==> flow/design.v <==
module cpu_cmp_unit_v2 #(
   parameter DATA_W = 36
) (
   input CLK,
   input reset,
   input signed [DATA_W-1:0] in_dataa,
   input signed [DATA_W-1:0] in_datab,
   output out_is_lt,
   output out_is_eq,
   output out_a_gt_b
);
   reg is_lt_ff;
   always @(posedge CLK) begin
      if (reset) begin
         is_lt_ff <= 1'b0;
      end else begin
         is_lt_ff <= (in_dataa < in_datab);
      end
   end
   assign out_is_lt = is_lt_ff;
   reg is_eq_ff;
   always @(posedge CLK) begin
      if (reset) begin
         is_eq_ff <= 1'b0;
      end else begin
         is_eq_ff <= (in_dataa == in_datab);
      end
   end
   assign out_is_eq = is_eq_ff;
   reg a_gt_b_ff;
   always @(posedge CLK) begin
      if (reset) begin
         a_gt_b_ff <= 1'b0;
      end else begin
         a_gt_b_ff <= (in_dataa > in_datab);
      end
   end
   assign out_a_gt_b = a_gt_b_ff;
endmodule
Tool chain data of cpu_cmp_unit_v2
What the tools print for cpu_cmp_unit_v2, step after step. Line numbers count from 1 in the design file above. Operators: Yosys type, input widths -> output width; for muxes data width and select width s. A cell with n/a has no value.

Top module: cpu_cmp_unit_v2. Clock port: CLK. Library: sky130hd. Timing corner: tt_025C_1v80.

Elaborated design
Source: Yosys, flattened and elaborated, memories not mapped. Widths are those after wreduce; folded enables and synchronous resets count as part of the registers. Registers that Yosys merges into a memory's read port (data or address) are not register bits. Print and check cells do not count. Equal cells are merged and count once.

The figure for flip-flop bits (word level) is 3. For bits in latches the number is 0. The entry for bits in writable memories reads 0. Memory bits (read-only): 0. Under word width x clocked read ports stands 0. Under memories stands 0. The entry for bits of input ports reads 74. Under output and inout port bits stands 3. Under elaborated cells stands 6.

Add/sub/neg operators: 0. Multipliers: 0. Div/mod/pow operators: 0. For $lt $le $gt $ge the number is 2. The entry for equal/unequal tests reads 1. The figure for shift-type cells is 0. Under muxes and demuxes stands 0. The figure for bitwise gates (word level) is 0. For reductions and logical operators the number is 0.

Operator list (number): $gt 36x36->1 (1); $lt 36x36->1 (1); $eq 36x36->1 (1).

Logic depth
Depth = most cells in a row (Yosys ltp): at word level without a register or memory, in the mapped netlist without a sequential cell, where the memories' decode and read muxes count.

Depth in word-level cells: 1. The figure for ABC_AREA is 0. Under gate-level depth with buffers stands 8. Gate-level depth less buffers: 8.

After synthesis
Yosys stat after the flow's synthesis: flattened, memories mapped to cells. It holds for the ABC_AREA given above (unset counts as 0); a run with the other value may have another netlist.

For standard cells after synthesis the number is 137. For chip area (Yosys) the number is 1068.5 um^2. For flip-flops the number is 3.

Cells by type (number): sky130_fd_sc_hd__ha_1 (36); sky130_fd_sc_hd__inv_1 (37); sky130_fd_sc_hd__a21oi_1 (15); sky130_fd_sc_hd__dfxtp_1 (3); sky130_fd_sc_hd__nand4_4 (2); sky130_fd_sc_hd__nand4_1 (5); sky130_fd_sc_hd__nand2_1 (7); sky130_fd_sc_hd__o21ai_0 (5); sky130_fd_sc_hd__nor4_4 (1); sky130_fd_sc_hd__mux2i_1 (2); sky130_fd_sc_hd__nand3_1 (4); sky130_fd_sc_hd__nand4_2 (1); sky130_fd_sc_hd__o211ai_2 (1); sky130_fd_sc_hd__a221o_1 (1); sky130_fd_sc_hd__nor3_1 (2); sky130_fd_sc_hd__o211a_1 (1); sky130_fd_sc_hd__a211o_1 (1); sky130_fd_sc_hd__a21o_2 (1).

Other cell types: 11; their cells: 12.

Worst setup path after synthesis
Source: OpenSTA report_checks on the synthesized netlist (no wires, ideal clock, input and output delay 20% of the period each), path of least setup slack; recovery checks are left aside. Register names are those of the netlist, which keeps one name where synthesis merged equal registers.

Path kind: input to register. From: input in_datab[18]. To: register a_gt_b_ff. The figure for period is 2.31 ns. For input delay the number is 0.462 ns. Setup time: 0.072 ns. The entry for launch time at the first pin reads 0.462 ns. Under arrival time stands 1.866 ns. The figure for data required time is 2.238 ns. Slack: 0.372 ns. The entry for path delay reads 1.476 ns. Under stages on the path stands 8. Under path buffers stands 0. For synthesis period reached the number is 1.938 ns.

"path delay" = arrival - input delay + setup time. "stages on the path" counts driving pins, that of a launching flip-flop among them; a cell with two outputs on the path counts twice. "synthesis period reached" is the clock period less the worst setup slack; recovery checks do not enter. This is arithmetic on one report: input and output delays are still those of the set period (20% each). The rows between start and end are the longest chain of elaborated cells between them; the timing report does not say that the signal goes this way. Where chains are equally long, one stands for them. Each line given opens the expression or statement behind the cell; cells for indexed reads and writes are added by Yosys, which also makes memories of some case tables.

Cells stage by stage: sky130_fd_sc_hd__inv_1 > sky130_fd_sc_hd__ha_1 > sky130_fd_sc_hd__nand4_1 > sky130_fd_sc_hd__nor2_1 > sky130_fd_sc_hd__a221o_1 > sky130_fd_sc_hd__a211o_1 > sky130_fd_sc_hd__a21oi_2 > sky130_fd_sc_hd__mux2i_1. For length of the longest elaborated chain the number is 1. The figure for elaborated cells between the ends (all ways) is 1.

RTL lines, path after synthesis: start, declared (line 7) `input signed [DATA_W-1:0] in_datab,`; $gt 36x36->1 (line 35) `a_gt_b_ff <= (in_dataa > in_datab);`; end, assigned (line 33) `a_gt_b_ff <= 1'b0;`; end, assigned (line 35); end, declared (line 30) `reg a_gt_b_ff;`.

Timing after layout
From the final timing report of run A: the path of least setup slack in the routed layout; clock arrival at registers is part of the times.

Path kind: input to register. From: input in_dataa[18]. To: register a_gt_b_ff. The figure for period is 1.49 ns. For input delay the number is 0.30 ns. Setup time: 0.08 ns. The entry for launch time at the first pin reads 0.30 ns. Under arrival time stands 1.96 ns. The figure for data required time is 1.63 ns. Slack: -0.32 ns. Under stages on the path stands 8. Under path buffers stands 1.

The rows between start and end are the longest chain of elaborated cells between them; the timing report does not say that the signal goes this way. Where chains are equally long, one stands for them.

Cells stage by stage: sky130_fd_sc_hd__buf_2 > sky130_fd_sc_hd__ha_4 > sky130_fd_sc_hd__a21oi_2 > sky130_fd_sc_hd__nand2_1 > sky130_fd_sc_hd__a221o_1 > sky130_fd_sc_hd__a211o_1 > sky130_fd_sc_hd__a21oi_2 > sky130_fd_sc_hd__mux2i_1. For length of the longest elaborated chain the number is 1. The figure for elaborated cells between the ends (all ways) is 1.

RTL lines, path after layout: start, declared (line 6) `input signed [DATA_W-1:0] in_dataa,`; $gt 36x36->1 (line 35) `a_gt_b_ff <= (in_dataa > in_datab);`; end, assigned (line 33) `a_gt_b_ff <= 1'b0;`; end, assigned (line 35); end, declared (line 30) `reg a_gt_b_ff;`.

Measured data: module cpu_cmp_unit_v2, platform sky130hd, 3 stored runs of the flow under differing settings, order arbitrary. Input and output delays are each 20% of the period that was set; the output load is 0.01 pF. By "reached clock period" is meant the clock period of the run minus its worst setup slack. This is arithmetic on one report: input and output delays are still those of the set period (20% each). By "time used up by the worst setup path" is meant the share of the clock period that the worst setup path is allowed (20% is reserved at inputs, 20% at outputs), minus its slack. Clock arrival times at its registers enter into it. "total design power" rests on the timing tool's default activity at the inputs, not on a simulated workload.

Files of run A:
==> flow/run.sh <==
#!/bin/bash
# the make line also repeats the synthesis and layout settings of config.mk as NAME=value (left out here)
make -C /OpenROAD-flow-scripts/flow DESIGN_CONFIG=/design/flow/config.mk WORK_HOME=/design/flow/orfs CLKGATE_MAP_FILE= finish
==> flow/config.mk <==
export PLATFORM = sky130hd
export DESIGN_NAME = cpu_cmp_unit_v2
export DESIGN_NICKNAME = cpu_cmp_unit_v2
export VERILOG_FILES = /design/flow/design.v
export SDC_FILE = /design/flow/constraint.sdc
export NUM_CORES = 4
export LEC_CHECK = 0
export CAP_MARGIN = 20
export CELL_PAD_IN_SITES_DETAIL_PLACEMENT = 1
export CORE_MARGIN = 2
export CORE_UTILIZATION = 26
export CTS_CLUSTER_SIZE = 83
export PLACE_DENSITY = 0.9
export SETUP_SLACK_MARGIN = 0.06
export SLEW_MARGIN = 20
==> flow/constraint.sdc <==
create_clock -name core_clock -period 1.49 [get_ports {CLK}]
set_input_delay 0.2980 -clock core_clock [delete_from_list [all_inputs] [get_ports {CLK}]]
set_output_delay 0.2980 -clock core_clock [all_outputs]
set_load 0.01 [all_outputs]

Results of run A. For the synthesized cell area the run shows 1068.5 um^2. The measured die size is 4638.3 um^2. The measured standard-cell area of the final layout is 2464.9 um^2. The utilization after layout is 0.621. The worst setup slack after layout is -0.323 ns. The final setup TNS comes to -0.712 ns. The worst hold slack in the final report reads 0.725 ns. For the total design power the run shows 1.084 mW. The reached clock period stands at 1.813 ns. The time used up by the worst setup path comes to 1.52 ns. Critical path type: input to register.

Files of run B:
==> flow/run.sh <==
#!/bin/bash
# the make line also repeats the synthesis and layout settings of config.mk as NAME=value (left out here)
make -C /OpenROAD-flow-scripts/flow DESIGN_CONFIG=/design/flow/config.mk WORK_HOME=/design/flow/orfs CLKGATE_MAP_FILE= finish
==> flow/config.mk <==
export PLATFORM = sky130hd
export DESIGN_NAME = cpu_cmp_unit_v2
export DESIGN_NICKNAME = cpu_cmp_unit_v2
export VERILOG_FILES = /design/flow/design.v
export SDC_FILE = /design/flow/constraint.sdc
export NUM_CORES = 4
export LEC_CHECK = 0
export CAP_MARGIN = 20
export CORE_MARGIN = 2
export CORE_UTILIZATION = 40
export SLEW_MARGIN = 20
==> flow/constraint.sdc <==
create_clock -name core_clock -period 2.31 [get_ports {CLK}]
set_input_delay 0.4620 -clock core_clock [delete_from_list [all_inputs] [get_ports {CLK}]]
set_output_delay 0.4620 -clock core_clock [all_outputs]
set_load 0.01 [all_outputs]

Results of run B. For the synthesized cell area the run shows 1068.5 um^2. The measured die size is 3100.8 um^2. The measured standard-cell area of the final layout is 2008.2 um^2. The utilization after layout is 0.803. The worst setup slack after layout is 0.071 ns. The final setup TNS comes to 0.000 ns. The worst hold slack in the final report reads 0.831 ns. For the total design power the run shows 0.4783 mW. The reached clock period stands at 2.239 ns. The time used up by the worst setup path comes to 1.78 ns. Critical path type: input to register.

Files of run C:
==> flow/run.sh <==
#!/bin/bash
# the make line also repeats the synthesis and layout settings of config.mk as NAME=value (left out here)
make -C /OpenROAD-flow-scripts/flow DESIGN_CONFIG=/design/flow/config.mk WORK_HOME=/design/flow/orfs CLKGATE_MAP_FILE= finish
==> flow/config.mk <==
export PLATFORM = sky130hd
export DESIGN_NAME = cpu_cmp_unit_v2
export DESIGN_NICKNAME = cpu_cmp_unit_v2
export VERILOG_FILES = /design/flow/design.v
export SDC_FILE = /design/flow/constraint.sdc
export NUM_CORES = 4
export LEC_CHECK = 0
export CAP_MARGIN = 5
export CELL_PAD_IN_SITES_DETAIL_PLACEMENT = 2
export CELL_PAD_IN_SITES_GLOBAL_PLACEMENT = 0
export CORE_ASPECT_RATIO = 1.69
export CORE_MARGIN = 2
export CORE_UTILIZATION = 54
export CTS_CLUSTER_DIAMETER = 140
export MIN_ROUTING_LAYER = met2
export SLEW_MARGIN = 20
export TNS_END_PERCENT = 85
==> flow/constraint.sdc <==
create_clock -name core_clock -period 2.09 [get_ports {CLK}]
set_input_delay 0.4180 -clock core_clock [delete_from_list [all_inputs] [get_ports {CLK}]]
set_output_delay 0.4180 -clock core_clock [all_outputs]
set_load 0.01 [all_outputs]

Outcome of run C: unfinished; error GPL-0301 in placement.
